==> flow/design.v <==
module cpu_mem_rtl #(
    parameter integer D = 24,
    parameter integer XLEN = 40,
    parameter integer ABITS = $clog2(D)
) (
    input  wire ck,
    input  wire rst_n,
    input  wire wen_i,
    input  wire [ABITS-1:0] wa_i,
    input  wire [XLEN-1:0] write_data_i,
    input  wire [ABITS-1:0] rd_idx0_i,
    input  wire [ABITS-1:0] rd_idx1_i,
    output wire [XLEN-1:0] rd0_o,
    output wire [XLEN-1:0] rd1_o
);
    reg wen_q;
    always @(posedge ck or negedge rst_n) begin
        if (~rst_n) begin
            wen_q <= 1'b0;
        end else begin
            wen_q <= wen_i;
        end
    end
    reg [ABITS-1:0] wa_q;
    always @(posedge ck or negedge rst_n) begin
        if (~rst_n) begin
            wa_q <= 0;
        end else begin
            wa_q <= wa_i;
        end
    end
    reg [XLEN-1:0] write_data_q;
    always @(posedge ck or negedge rst_n) begin
        if (~rst_n) begin
            write_data_q <= 0;
        end else begin
            write_data_q <= write_data_i;
        end
    end
    reg [XLEN-1:0] gpr [0:D-1];
    always @(posedge ck) begin
        if (wen_q)
            gpr[wa_q] <= write_data_q;
    end
    reg [ABITS-1:0] rd_idx0_q;
    always @(posedge ck or negedge rst_n) begin
        if (~rst_n) begin
            rd_idx0_q <= 0;
        end else begin
            rd_idx0_q <= rd_idx0_i;
        end
    end
    reg [ABITS-1:0] rd_idx1_q;
    always @(posedge ck or negedge rst_n) begin
        if (~rst_n) begin
            rd_idx1_q <= 0;
        end else begin
            rd_idx1_q <= rd_idx1_i;
        end
    end
    assign rd0_o = gpr[rd_idx0_q];
    assign rd1_o = gpr[rd_idx1_q];
endmodule
Reports on cpu_mem_rtl:

Tool output for the design above, in the order of the flow.
Line numbers count from 1 in the design file above.
Operators carry their Yosys type and port widths (W data, S select, Z words).
Cell names lack the library's common part.
Not given: -

* design top: cpu_mem_rtl
* clock input: ck
* library: sky130hd
* timing corner: tt_025C_1v80

Word level:

Source: Yosys, flattened and elaborated, memories not mapped. Widths are those after wreduce; folded enables and synchronous resets count as part of the registers. Registers that Yosys merges into a memory's read port (data or address) are not register bits. Print and check cells do not count. Equal cells are merged and count once.
Memory sizes are those after Yosys's memory passes, which may raise the word count (mostly to a power of two), join words into wider ones and drop unused or constant bits.

* register bits after elaboration: 56
* RAM bits: 960
* memories kept: 1
* input port bits: 58
* output and inout port bits: 80
* elaborated cells: 9

Memories
* gpr: words 24, bits a word 40, rd ports 2, write ports 1, line 40 `reg [XLEN-1:0] gpr [0:D-1];`

* muxes and demuxes: 3

Operators by type and width (count)
* $mux W40: 1
* $mux W5: 1
* $mux W1: 1

Depth:

Longest topological path by Yosys (ltp), each cell counted once; first at word level (registers and memories cut), then after technology mapping (sequential cells cut; the memories' decode and read muxes count).

* depth in word-level cells: 1
* ABC_AREA: 1
* gate-level depth with buffers: 11
* mapped depth without buffers: 8

After synthesis:

The flow's flattened synthesis, as Yosys stat reports it; memories are mapped. The netlist is that of the ABC_AREA named above (0 if unset); the other value can give another one.

Cell types
* edfxtp_1: count 960, total area 2.88E+04 um^2
* nand3_1: count 1370, total area 6.86E+03 um^2
* nand2_1: count 1680, total area 6.31E+03 um^2
* inv_1: count 811, total area 3044.17 um^2
* dfrtp_1: count 56, total area 1.4E+03 um^2
* o211ai_1: count 160, total area 1.2E+03 um^2
* buf_2: count 193, total area 965.926 um^2
* a21oi_1: count 160, total area 800.768 um^2
* o21ai_0: count 120, total area 600.576 um^2
* clkbuf_1: count 147, total area 551.779 um^2
* o21ai_1: count 40, total area 200.192 um^2
* buf_6: count 14, total area 157.651 um^2
* buf_1: count 38, total area 142.637 um^2
* buf_4: count 13, total area 97.594 um^2
* nor2_1: count 24, total area 90.086 um^2
* buf_8: count 1, total area 15.014 um^2
* inv_2: count 4, total area 15.014 um^2

* cell count: 5791
* chip area (Yosys): 51274.2 um^2
* sequential part of the area: 30229.0 um^2
* mapped flip-flops: 1016
* buffer cells: 406

Timing after synthesis:

OpenSTA on the mapped netlist: ideal clock, no wires. The path of least setup slack (recovery checks aside). Input and output delay are each 20% of the period. Register names are those of the netlist, which keeps one name where synthesis merged equal registers.

* path type: flip-flop to flip-flop
* start point: register wa_q[0]
* end point: memory gpr[0][0]
* clock period: 3910 ps
* setup time: 437 ps
* time at the first pin: 0 ps
* arrival: 2325 ps
* data required time: 3473 ps
* path slack: 1148 ps
* delay of the path: 2762 ps
* stages: 4
* buffers on the path: 0
* synthesis period reached: 2762 ps

"delay of the path" = arrival - input delay + setup time.
"stages" counts driving pins, that of a launching flip-flop among them; a cell with two outputs on the path counts twice.
"synthesis period reached" = period - worst setup slack (recovery checks aside). The figure is calculated, with input and output delays left at 20% of the set period.
The rows between start and end are the longest chain of elaborated cells between them; the timing report does not say that the signal goes this way. Where chains are equally long, one stands for them.
Each line given opens the expression or statement behind the cell; cells for indexed reads and writes are added by Yosys, which also makes memories of some case tables.

* cells stage by stage: dfrtp_1 inv_1 nand3_1 nor2_1
* length of the longest elaborated chain: 1
* elaborated cells between the ends (all ways): 1
* RTL lines with such cells: 1
* those cells by class: mux: 1

RTL lines, path after synthesis
* start: declaration: line 24 `reg [ABITS-1:0] wa_q;`
* start: assignment: line 27 `wa_q <= 0;`
* start: assignment: line 29 `wa_q <= wa_i;`
* $mux W5: line 42 `if (wen_q)`
* end: declaration: line 40 `reg [XLEN-1:0] gpr [0:D-1];`

Worst path after layout:

From the final timing report of entry A: the path of least setup slack in the routed layout; clock arrival at registers is part of the times.
The report prints the path's times to 10 ps; the period is as set.

* path type: flip-flop to output port
* start point: register rd_idx0_q[0]
* end point: output port rd0_o[28]
* clock period: 3480 ps
* output delay: 700 ps
* time at the first pin: 680 ps
* arrival: 2640 ps
* data required time: 2780 ps
* path slack: 140 ps
* stages: 15
* buffers on the path: 6

The rows between start and end are the longest chain of elaborated cells between them; the timing report does not say that the signal goes this way. Where chains are equally long, one stands for them.
A memory read counts as a cell of the chain, while the word-level depth stops at memories.

* cells stage by stage: dfrtp_4 buf_12 clkinv_16 buf_12 buf_16 buf_12 buf_4 nand2_1 nand3_2 nand3_2 nand3_1 nand2_1 nand2_2 nand2_2 buf_6
* length of the longest elaborated chain: 1
* elaborated cells between the ends (all ways): 1
* RTL lines with such cells: 1
* those cells by class: memory: 1

RTL lines, path after layout
* start: declaration: line 45 `reg [ABITS-1:0] rd_idx0_q;`
* start: assignment: line 48 `rd_idx0_q <= 0;`
* start: assignment: line 50 `rd_idx0_q <= rd_idx0_i;`
* $mem_v2 Z24 W40: line 40 `reg [XLEN-1:0] gpr [0:D-1];`
* end: declaration: line 13 `output wire [XLEN-1:0] rd0_o,`

Subject: flow runs of cpu_mem_rtl

Hi,

Flow measurements of cpu_mem_rtl on sky130hd: 3 stored runs with different settings, listed in no order. Input and output delays are each 20% of the period that was set; the output load is 0.01 pF.
By "period achieved" is meant the clock period of the run minus its worst setup slack. This is arithmetic on one report: input and output delays are still those of the set period (20% each).
"total design power": no workload was simulated; the value follows from the tool's default switching activity.

### Entry A

Settings: `period_ns=3.48`, `CORE_UTILIZATION=56`, `SETUP_SLACK_MARGIN=0.95`, `PLACE_DENSITY_LB_ADDON=0.16`, `HOLD_SLACK_MARGIN=0.04`, `CORE_MARGIN=4`, `CELL_PAD_IN_SITES_GLOBAL_PLACEMENT=1`, `CELL_PAD_IN_SITES_DETAIL_PLACEMENT=0`, `ABC_AREA=1`, `GPL_ROUTABILITY_DRIVEN=0`, `CAP_MARGIN=5`, `SLEW_MARGIN=20`

- Standard-cell area after layout: 64082.7 um^2
- Period achieved: 3336 ps
- Worst slack on setup checks: 144 ps
- Die area: 96466.1 um^2
- Cell area after synthesis: 51274.2 um^2
- Total design power: 29.117 mW

### Entry B

Settings: `period_ns=2.0`, `CORE_UTILIZATION=26`, `PLACE_DENSITY=0.81`, `CORE_MARGIN=10`, `CELL_PAD_IN_SITES_GLOBAL_PLACEMENT=3`, `CELL_PAD_IN_SITES_DETAIL_PLACEMENT=0`, `TNS_END_PERCENT=10`, `ABC_AREA=0`, `CTS_CLUSTER_SIZE=93`, `CAP_MARGIN=10`, `MIN_ROUTING_LAYER=met2`, `SLEW_MARGIN=20`

- Cell area after synthesis: 45919.0 um^2
- Die area: 193820.0 um^2
- Standard-cell area after layout: 60541.8 um^2
- Period achieved: 3387 ps
- Worst slack on setup checks: -1387 ps
- Total design power: 49.998 mW

### Entry C

Settings: `period_ns=3.91`, `CAP_MARGIN=20`, `CORE_MARGIN=2`, `CORE_UTILIZATION=40`, `SLEW_MARGIN=20`

- Die area: 117522.0 um^2
- Total design power: 24.566 mW
- Standard-cell area after layout: 54446.0 um^2
- Period achieved: 3952 ps
- Cell area after synthesis: 45919.0 um^2
- Worst slack on setup checks: -42 ps

Regards
